==> flow/design.v <==
module mul_unit #(
   parameter DWIDTH = 14
) (
   input logic ck,
   input logic i_rst,
   input logic [DWIDTH-1:0] da_in,
   input logic [DWIDTH-1:0] db_in,
   output logic [2*DWIDTH-1:0] result_out
);
   logic [DWIDTH-1:0] da_ff;
   logic [DWIDTH-1:0] db_ff;
   always_ff @(posedge ck) begin
      if (i_rst) begin
         da_ff <= 0;
         db_ff <= 0;
      end else begin
         da_ff <= da_in;
         db_ff <= db_in;
      end
   end
   logic [2*DWIDTH-1:0] cur;
   always_comb begin
      cur = 0;
      for (int i = 0; i < DWIDTH; i++)
         if (db_ff[i]) cur = cur + (da_ff << i);
   end
   logic [2*DWIDTH-1:0] result_ff;
   always_ff @(posedge ck) begin
      if (i_rst) begin
         result_ff <= 0;
      end else begin
         result_ff <= cur;
      end
   end
   assign result_out = result_ff;
endmodule
From RTL to reports: mul_unit
What the tools print for mul_unit, step after step. Line numbers count from 1 in the design file above. Operators carry their Yosys type and port widths (W data, S select, Z words). Library cell names are shortened. Not given: -

Design top: mul_unit. Clock: ck. Library: sky130hd. Timing corner: tt_025C_1v80.

Word level
Source: Yosys, flattened and elaborated, memories not mapped. Widths are those after wreduce; folded enables and synchronous resets count as part of the registers. Registers that Yosys merges into a memory's read port (data or address) are not register bits. Print and check cells do not count. Equal cells are merged and count once.

The entry for $add $sub $neg reads 13. The figure for muxes and demuxes is 14.

Operators by type and width (count): $mux W28 (13); $add A28 B15 Y28 (1); $add A28 B16 Y28 (1); $add A28 B17 Y28 (1); $add A28 B18 Y28 (1); $add A28 B19 Y28 (1); $add A28 B20 Y28 (1); $add A28 B21 Y28 (1); $add A28 B22 Y28 (1); $add A28 B23 Y28 (1); $add A28 B24 Y28 (1); $add A28 B25 Y28 (1); $add A28 B26 Y28 (1); $add A28 B27 Y28 (1); $mux W14 (1).

Bits in registers: 56. For input bits the number is 30. The entry for output and inout port bits reads 28. Elaborated cells: 30.

Depth
Yosys ltp: most cells in a row. Word level: on the elaborated netlist, between registers, memories and ports. Mapped: between sequential cells and ports; inverters and the memories' decode and read muxes count.

Under word-level depth stands 27. The entry for ABC_AREA reads 0. Under gate-level depth with buffers stands 99. Gate-level depth less buffers: 98.

Netlist
Source: synth_stat.txt of the flow (Yosys; design flattened, memories mapped). It holds for the ABC_AREA given above (unset counts as 0); a run with the other value may have another netlist.

The figure for standard cells after synthesis is 1695. The figure for cell area after synthesis is 12468.2 µm². Sequential area: 1121.1 µm². Flip-flop cells: 56. Under buffer cells stands 51.

Cell types: ha_1 (count 203, total area 2.54E+03 µm²); dfxtp_1 (count 56, total area 1.12E+03 µm²); a21oi_1 (count 145, total area 725.696 µm²); xnor2_1 (count 80, total area 700.672 µm²); o21ai_0 (count 120, total area 600.576 µm²); nor2_1 (count 151, total area 566.794 µm²); nand2_1 (count 146, total area 548.026 µm²); xor2_1 (count 42, total area 367.853 µm²); nor2b_1 (count 55, total area 344.08 µm²); a21o_1 (count 45, total area 337.824 µm²); inv_1 (count 86, total area 322.81 µm²); mux2_2 (count 28, total area 315.302 µm²); o21a_1 (count 37, total area 277.766 µm²); fa_1 (count 13, total area 260.25 µm²); mux2i_1 (count 26, total area 260.25 µm²); a211oi_1 (count 29, total area 217.709 µm²); a31oi_1 (count 32, total area 200.192 µm²); nor3_1 (count 38, total area 190.182 µm²).

Other cell types: 69; their cells: 363.

Worst setup path after synthesis
Path of least setup slack by OpenSTA after synthesis, without wires, with an ideal clock, recovery checks aside; 20% of the period is set as input and as output delay. Where synthesis merged equal registers, the netlist keeps one of their names.

Path type: register -> register. Start point: register da_ff[1]. End point: register result_ff[25]. Under period stands 20600 ps. For launch time at the first pin the number is 0 ps. For data arrival time the number is 16338 ps. Under required time stands 20468 ps. The entry for setup slack reads 4130 ps. Delay of the path: 16470 ps. The figure for driving pins on the path is 89. The figure for synthesis period reached is 16470 ps.

"delay of the path" is the arrival time less input delay plus setup time. "driving pins on the path" counts driving pins, that of a launching flip-flop among them; a cell with two outputs on the path counts twice. "synthesis period reached" = period - worst setup slack (recovery checks aside). The figure is calculated, with input and output delays left at 20% of the set period. The rows between start and end are the longest chain of elaborated cells between them; the timing report does not say that the signal goes this way. Where chains are equally long, one stands for them. A line is the first line of the expression or statement that the cell stems from. Yosys adds cells for indexed reads and writes and turns some case tables into memories.

Cell sequence: dfxtp_1 -> inv_1 -> fa_1 -> nor2b_1 -> o22ai_4 -> a211o_1 -> o211a_1 -> a311oi_2 -> inv_1 -> ha_1 -> a21oi_1 -> o21a_1 -> o21ai_0 -> a22o_1 -> a41oi_1 -> o311ai_1 -> ha_1 -> inv_1 -> [... 53 more ...] -> ha_1 -> a21o_1 -> a31o_2 -> nor2_1 -> xnor2_1 -> mux2i_1 -> inv_1 -> ha_1 -> a21oi_1 -> nand2_1 -> xnor2_1 -> mux2i_1 -> ha_1 -> nor3_1 -> a211oi_1 -> xor2_1 -> a22oi_1 -> a21oi_1. The figure for cells in the longest elaborated chain is 27.

RTL lines, path after synthesis: from (decl) (line 10) `logic [DWIDTH-1:0] da_ff;`; from (assign) (line 14) `da_ff <= 0;`; from (assign) (line 17) `da_ff <= da_in;`; $mux W14 (line 25) `if (db_ff[i]) cur = cur + (da_ff << i);`; $add A28 B15 Y28 (line 25); $mux W28 (line 25); $add A28 B16 Y28 (line 25); $mux W28 (line 25); $add A28 B17 Y28 (line 25); $mux W28 (line 25); [... 13 more ...]; $mux W28 (line 25); $add A28 B25 Y28 (line 25); $mux W28 (line 25); $add A28 B26 Y28 (line 25); $mux W28 (line 25); $add A28 B27 Y28 (line 25); $mux W28 (line 25); to (assign) (line 30) `result_ff <= 0;`; to (assign) (line 32) `result_ff <= cur;`; to (decl) (line 27) `logic [2*DWIDTH-1:0] result_ff;`.

Timing after layout
Path of least setup slack in the final report of run 1 (OpenROAD, finished layout, wires in). Where an end is a register, its clock arrival counts in the times. The path's times are printed in steps of 10 ps; the period is the one set.

Path type: register -> register. Start point: register db_ff[0]. End point: register result_ff[23]. Under period stands 20600 ps. For launch time at the first pin the number is 320 ps. For data arrival time the number is 19230 ps. Under required time stands 20800 ps. The entry for setup slack reads 1570 ps. The figure for driving pins on the path is 92.

The rows between start and end are the longest chain of elaborated cells between them; the timing report does not say that the signal goes this way. Where chains are equally long, one stands for them.

Cell sequence: dfxtp_2 -> and2_1 -> ha_1 -> inv_1 -> fa_1 -> nor2b_1 -> o22ai_4 -> a21oi_1 -> xnor2_1 -> a21oi_1 -> ha_1 -> o211ai_1 -> a21o_1 -> nor2b_1 -> xnor2_1 -> nand2_1 -> o21ai_0 -> ha_1 -> [... 56 more ...] -> nand2_1 -> o221ai_1 -> ha_1 -> nand2_1 -> o21ai_0 -> o21ai_0 -> xnor2_1 -> nor2_1 -> a31o_2 -> a31oi_1 -> ha_1 -> nand3_1 -> nand2_1 -> a41oi_1 -> nor2b_1 -> xnor2_1 -> a32oi_1 -> o21ai_0. The figure for cells in the longest elaborated chain is 27.

RTL lines, path after layout: from (decl) (line 11) `logic [DWIDTH-1:0] db_ff;`; from (assign) (line 15) `db_ff <= 0;`; from (assign) (line 18) `db_ff <= db_in;`; $mux W14 (line 25) `if (db_ff[i]) cur = cur + (da_ff << i);`; $add A28 B15 Y28 (line 25); $mux W28 (line 25); $add A28 B16 Y28 (line 25); $mux W28 (line 25); $add A28 B17 Y28 (line 25); $mux W28 (line 25); [... 13 more ...]; $mux W28 (line 25); $add A28 B25 Y28 (line 25); $mux W28 (line 25); $add A28 B26 Y28 (line 25); $mux W28 (line 25); $add A28 B27 Y28 (line 25); $mux W28 (line 25); to (assign) (line 30) `result_ff <= 0;`; to (assign) (line 32) `result_ff <= cur;`; to (decl) (line 27) `logic [2*DWIDTH-1:0] result_ff;`.

Subject: mul_unit on sky130hd, stored results

Hello all,

Measured results for mul_unit: 3 stored runs of the Yosys and OpenROAD flow on sky130hd. The settings differ; the order carries no meaning. The constraints put input and output delay at 20% of the set period each and load the outputs with 0.01 pF. "clock period achieved" is the run's clock period less its worst setup slack. It is reckoned from that one timing run; input and output delays stay at 20% of the period that was set. "worst setup path time" is the time allowed to the run's worst setup path (the clock period less input and output delay, where it has them) less its slack. Clock arrival times count: a late capture clock shortens it, a late launch clock lengthens it. "power consumption": no workload was simulated; the value follows from the tool's default switching activity. "worst setup path time" is known to 10 ps.

Files of run 1:
==> flow/run.sh <==
#!/bin/bash
# the make line also repeats the synthesis and layout settings of config.mk as NAME=value (left out here)
make -C /OpenROAD-flow-scripts/flow DESIGN_CONFIG=/design/flow/config.mk WORK_HOME=/design/flow/orfs CLKGATE_MAP_FILE= finish
==> flow/config.mk <==
export PLATFORM = sky130hd
export DESIGN_NAME = mul_unit
export DESIGN_NICKNAME = mul_unit
export VERILOG_FILES = /design/flow/design.v
export SDC_FILE = /design/flow/constraint.sdc
export NUM_CORES = 4
export LEC_CHECK = 0
export CAP_MARGIN = 20
export CORE_MARGIN = 2
export CORE_UTILIZATION = 40
export SLEW_MARGIN = 20
==> flow/constraint.sdc <==
create_clock -name core_clock -period 20.6 [get_ports {ck}]
set_input_delay 4.1200 -clock core_clock [delete_from_list [all_inputs] [get_ports {ck}]]
set_output_delay 4.1200 -clock core_clock [all_outputs]
set_load 0.01 [all_outputs]

Results of run 1. The final setup TNS is 0 ps. The standard-cell area after routing comes to 13699.4 µm². The measured worst setup slack after layout is 1571 ps. The measured post-layout utilization is 44.7 %. The mapped cell area after synthesis reads 12468.2 µm². The measured power consumption is 0.8170 mW. The worst setup path time is 19030 ps. Critical path type: register -> register. The worst-case hold slack is 642 ps. The measured clock period achieved is 19029 ps. The die area reads 32598.3 µm².

Files of run 2:
==> flow/run.sh <==
#!/bin/bash
# the make line also repeats the synthesis and layout settings of config.mk as NAME=value (left out here)
make -C /OpenROAD-flow-scripts/flow DESIGN_CONFIG=/design/flow/config.mk WORK_HOME=/design/flow/orfs CLKGATE_MAP_FILE= finish
==> flow/config.mk <==
export PLATFORM = sky130hd
export DESIGN_NAME = mul_unit
export DESIGN_NICKNAME = mul_unit
export VERILOG_FILES = /design/flow/design.v
export SDC_FILE = /design/flow/constraint.sdc
export NUM_CORES = 4
export LEC_CHECK = 0
export ABC_AREA = 1
export CAP_MARGIN = 20
export CORE_ASPECT_RATIO = 1.96
export CORE_MARGIN = 2
export CORE_UTILIZATION = 21
export CTS_CLUSTER_DIAMETER = 46
export CTS_CLUSTER_SIZE = 37
export HOLD_SLACK_MARGIN = 0.29
export MIN_ROUTING_LAYER = met1
export SLEW_MARGIN = 20
export TNS_END_PERCENT = 25
==> flow/constraint.sdc <==
create_clock -name core_clock -period 22.4 [get_ports {ck}]
set_input_delay 4.4800 -clock core_clock [delete_from_list [all_inputs] [get_ports {ck}]]
set_output_delay 4.4800 -clock core_clock [all_outputs]
set_load 0.01 [all_outputs]

Results of run 2. The final setup TNS is 0 ps. The standard-cell area after routing comes to 13940.9 µm². The measured worst setup slack after layout is 5264 ps. The measured post-layout utilization is 24.0 %. The mapped cell area after synthesis reads 12323.1 µm². The measured power consumption is 0.6675 mW. The worst setup path time is 17140 ps. Critical path type: register -> register. The worst-case hold slack is 564 ps. The measured clock period achieved is 17136 ps. The die area reads 60746.1 µm².

Files of run 3:
==> flow/run.sh <==
#!/bin/bash
# the make line also repeats the synthesis and layout settings of config.mk as NAME=value (left out here)
make -C /OpenROAD-flow-scripts/flow DESIGN_CONFIG=/design/flow/config.mk WORK_HOME=/design/flow/orfs CLKGATE_MAP_FILE= finish
==> flow/config.mk <==
export PLATFORM = sky130hd
export DESIGN_NAME = mul_unit
export DESIGN_NICKNAME = mul_unit
export VERILOG_FILES = /design/flow/design.v
export SDC_FILE = /design/flow/constraint.sdc
export NUM_CORES = 4
export LEC_CHECK = 0
export ABC_AREA = 1
export CAP_MARGIN = 20
export CELL_PAD_IN_SITES_DETAIL_PLACEMENT = 2
export CORE_MARGIN = 2
export CORE_UTILIZATION = 35
export CTS_CLUSTER_DIAMETER = 324
export PLACE_DENSITY = 0.67
export SLEW_MARGIN = 25
==> flow/constraint.sdc <==
create_clock -name core_clock -period 26.2 [get_ports {ck}]
set_input_delay 5.2400 -clock core_clock [delete_from_list [all_inputs] [get_ports {ck}]]
set_output_delay 5.2400 -clock core_clock [all_outputs]
set_load 0.01 [all_outputs]

Results of run 3. The final setup TNS is 0 ps. The standard-cell area after routing comes to 13554.2 µm². The measured worst setup slack after layout is 5169 ps. The measured post-layout utilization is 39.1 %. The mapped cell area after synthesis reads 12323.1 µm². The measured power consumption is 0.7100 mW. The worst setup path time is 21030 ps. Critical path type: register -> register. The worst-case hold slack is 668 ps. The measured clock period achieved is 21031 ps. The die area reads 36725.9 µm².

Thanks
